==> flow/design.v <==
module ex_registers_blk #(
   parameter DEPTH = 24,
   parameter DW = 12,
   parameter AW = $clog2(DEPTH)
) (
   input  core_clk,
   input  we,
   input  [AW-1:0] wa,
   input  [DW-1:0] wdata,
   input  [AW-1:0] ra_a,
   input  [AW-1:0] ra_b,
   output reg [DW-1:0] dout_a,
   output reg [DW-1:0] dout_b
);
   reg we_r;
   reg [AW-1:0] wa_r;
   reg [DW-1:0] wdata_r;
   reg [DW-1:0] bank [0:DEPTH-1];
   always @(posedge core_clk) begin
      if (we_r)
         bank[wa_r] <= wdata_r;
   end
   reg [AW-1:0] ra_a_r;
   reg [AW-1:0] ra_b_r;
   always @(posedge core_clk) begin
      we_r <= we;
      wa_r <= wa;
      wdata_r <= wdata;
      ra_a_r <= ra_a;
      ra_b_r <= ra_b;
      dout_a <= (we_r && wa_r == ra_a_r) ? wdata_r : bank[ra_a_r];
      dout_b <= (we_r && wa_r == ra_b_r) ? wdata_r : bank[ra_b_r];
   end
endmodule
-- Reports on ex_registers_blk
The steps from the RTL of ex_registers_blk to its reports follow in flow order.
Line numbers count from 1 in the design file above.
Library cell names are shortened.
Not given: n/a
- design top: ex_registers_blk
- clock input: core_clk
- cell library: sky130hd
- corner: tt_025C_1v80

-- Elaborated design
Source: Yosys, flattened and elaborated, memories not mapped. Widths are those after wreduce; folded enables and synchronous resets count as part of the registers. Registers that Yosys merges into a memory's read port (data or address) are not register bits. Print and check cells do not count. Equal cells are merged and count once.
Memory sizes are those after Yosys's memory passes, which may raise the word count (mostly to a power of two), join words into wider ones and drop unused or constant bits.
- register bits: 28
- noted bits in writable memories: 288
- clocked read ports x word width: 24
- memory cells: 1
- input bits: 29
- output and inout port bits at 24
- elaborated cells at 9
- memories (name ; depth ; width ; rd ports ; write ports ; RTL line ; source):
    bank ; 24 ; 12 ; 2 ; 1 ; 18 ; reg [DW-1:0] bank [0:DEPTH-1];
- mux-type cells: 3
- operators with widths (operator ; count):
    two-way mux 12 bit ; 1
    two-way mux 5 bit ; 1
    two-way mux 1 bit ; 1

-- Depth
Depth = most cells in a row (Yosys ltp): at word level without a register or memory, in the mapped netlist without a sequential cell, where the memories' decode and read muxes count.
- depth in word-level cells at 1
- noted ABC_AREA: 0
- gate-level depth with buffers at 8

-- Netlist
Yosys stat after the flow's synthesis: flattened, memories mapped to cells. It holds for the ABC_AREA given above (unset counts as 0); a run with the other value may have another netlist.
- cells in the netlist at 789
- chip area (Yosys) at 0.0143725 mm^2
- noted sequential part of the area: 0.009409 mm^2
- mapped flip-flops at 326
- noted buffer cells: 60
- cells by type (type ; count ; total area (um^2)):
    edfxtp_1 ; 288 ; 8.65E+03
    mux4_2 ; 96 ; 2.16E+03
    mux2i_1 ; 120 ; 1.2E+03
    dfxtp_1 ; 38 ; 760.73
    a2bb2oi_1 ; 24 ; 210.202
    o311ai_1 ; 24 ; 210.202
    a22oi_1 ; 24 ; 180.173
    o211ai_1 ; 24 ; 180.173
    nand3_1 ; 25 ; 125.12
    buf_6 ; 9 ; 101.347
    nand2_1 ; 25 ; 93.84
    nor2_1 ; 25 ; 93.84
    buf_2 ; 18 ; 90.086
    clkbuf_1 ; 19 ; 71.318
    buf_4 ; 9 ; 67.565
    buf_8 ; 4 ; 60.058
    nor2b_1 ; 5 ; 31.28
    nand3b_1 ; 4 ; 30.029
Other cell types: 4; their cells: 8.

-- Path before layout
Source: OpenSTA report_checks on the synthesized netlist (no wires, ideal clock, input and output delay 20% of the period each), path of least setup slack; recovery checks are left aside. Register names are those of the netlist, which keeps one name where synthesis merged equal registers.
- path kind: register to output
- start: register (name not given)
- end: output port dout_b[10]
- noted period: 2330 ps
- output delay at 466 ps
- time at the first pin: 0 ps
- noted arrival time: 1488 ps
- noted setup slack: 376 ps
- delay of the path at 1488 ps
- stages at 6
- path buffers: 2
- synthesis period reached at 1954 ps
"delay of the path" = arrival - input delay + setup time.
A path that ends at an output port has no setup time.
"stages" counts driving pins, that of a launching flip-flop among them; a cell with two outputs on the path counts twice.
"synthesis period reached" = period - worst setup slack (recovery checks aside). The figure is calculated, with input and output delays left at 20% of the set period.
- path through: dfxtp_1 buf_4 clkbuf_1 mux4_2 o211ai_1 o311ai_1
- ends and longest elaborated chain, post-synthesis (item ; RTL line ; source):
    to (decl) ; 13 ; output reg [DW-1:0] dout_b
Chain of elaborated cells between the ends: none given.

-- Worst path after layout
From the final timing report of run 1: the path of least setup slack in the routed layout; clock arrival at registers is part of the times.
The path's times are printed in steps of 10 ps; the period is the one set.
- path kind: register to output
- start: register (name not given)
- end: output port dout_b[3]
- noted period: 1690 ps
- output delay at 340 ps
- time at the first pin: 550 ps
- noted arrival time: 2530 ps
- noted setup slack: -1170 ps
- stages at 8
- path buffers: 4
- path through: dfxtp_4 buf_12 buf_8 buf_6 mux4_2 o211ai_1 o311ai_4 buf_6
- ends and longest elaborated chain, after layout (item ; RTL line ; source):
    to (decl) ; 13 ; output reg [DW-1:0] dout_b
Chain of elaborated cells between the ends: none given.

Settings and measured results of 3 stored flow runs for module ex_registers_blk (sky130hd), not sorted in any way. The constraints put input and output delay at 20% of the set period each and load the outputs with 0.01 pF.
"period reached": clock period set for the run, less the worst setup slack. It is reckoned from that one timing run; input and output delays stay at 20% of the period that was set.
"worst path time": the worst setup path's part of the clock period (all of it between registers, 20% less for each end at a port) less its slack. A launch clock that arrives late makes it longer, a capture clock that arrives late makes it shorter.
"total design power" is the tool's figure for a default switching activity; nothing was simulated.
"worst path time" is known to 10 ps.

Run 1
Settings were period_ns = 1.69; CORE_UTILIZATION = 22; PLACE_DENSITY_LB_ADDON = 0.08; CORE_ASPECT_RATIO = 0.59; CORE_MARGIN = 9; CELL_PAD_IN_SITES_DETAIL_PLACEMENT = 0; CAP_MARGIN = 0; MIN_ROUTING_LAYER = met1; MAX_ROUTING_LAYER = met5; SLEW_MARGIN = 20
- summed negative setup slack: -26,359 ps
- netlist area reported by Yosys: 0.0143725 mm^2
- noted the worst path time: 2,530 ps
- critical path type: register to output
- noted the period reached: 2,865 ps
- utilization in the final report: 31.0%
- noted the worst setup slack after layout: -1,175 ps
- noted the smallest hold slack: 226 ps
- total design power: 19,203 µW
- noted the standard-cell area after routing: 0.0199128 mm^2
- die footprint at 0.0751766 mm^2

Run 2
Settings were period_ns = 2.33; CAP_MARGIN = 20; CORE_MARGIN = 2; CORE_UTILIZATION = 40; SLEW_MARGIN = 20
- summed negative setup slack: -11,694 ps
- netlist area reported by Yosys: 0.0143725 mm^2
- noted the worst path time: 2,440 ps
- critical path type: register to output
- noted the period reached: 2,901 ps
- utilization in the final report: 53.2%
- noted the worst setup slack after layout: -571 ps
- noted the smallest hold slack: 323 ps
- total design power: 13,913 µW
- noted the standard-cell area after routing: 0.0188844 mm^2
- die footprint at 0.0374635 mm^2

Run 3
Settings were period_ns = 2.07; CORE_UTILIZATION = 57; CELL_PAD_IN_SITES_DETAIL_PLACEMENT = 0; ABC_AREA = 1; CAP_MARGIN = 0; CORE_MARGIN = 2; SLEW_MARGIN = 20
- summed negative setup slack: -9,007 ps
- netlist area reported by Yosys: 0.015864 mm^2
- noted the worst path time: 2,090 ps
- critical path type: register to output
- noted the period reached: 2,503 ps
- utilization in the final report: 77.4%
- noted the worst setup slack after layout: -433 ps
- noted the smallest hold slack: 325 ps
- total design power: 15,723 µW
- noted the standard-cell area after routing: 0.0213717 mm^2
- die footprint at 0.0291812 mm^2
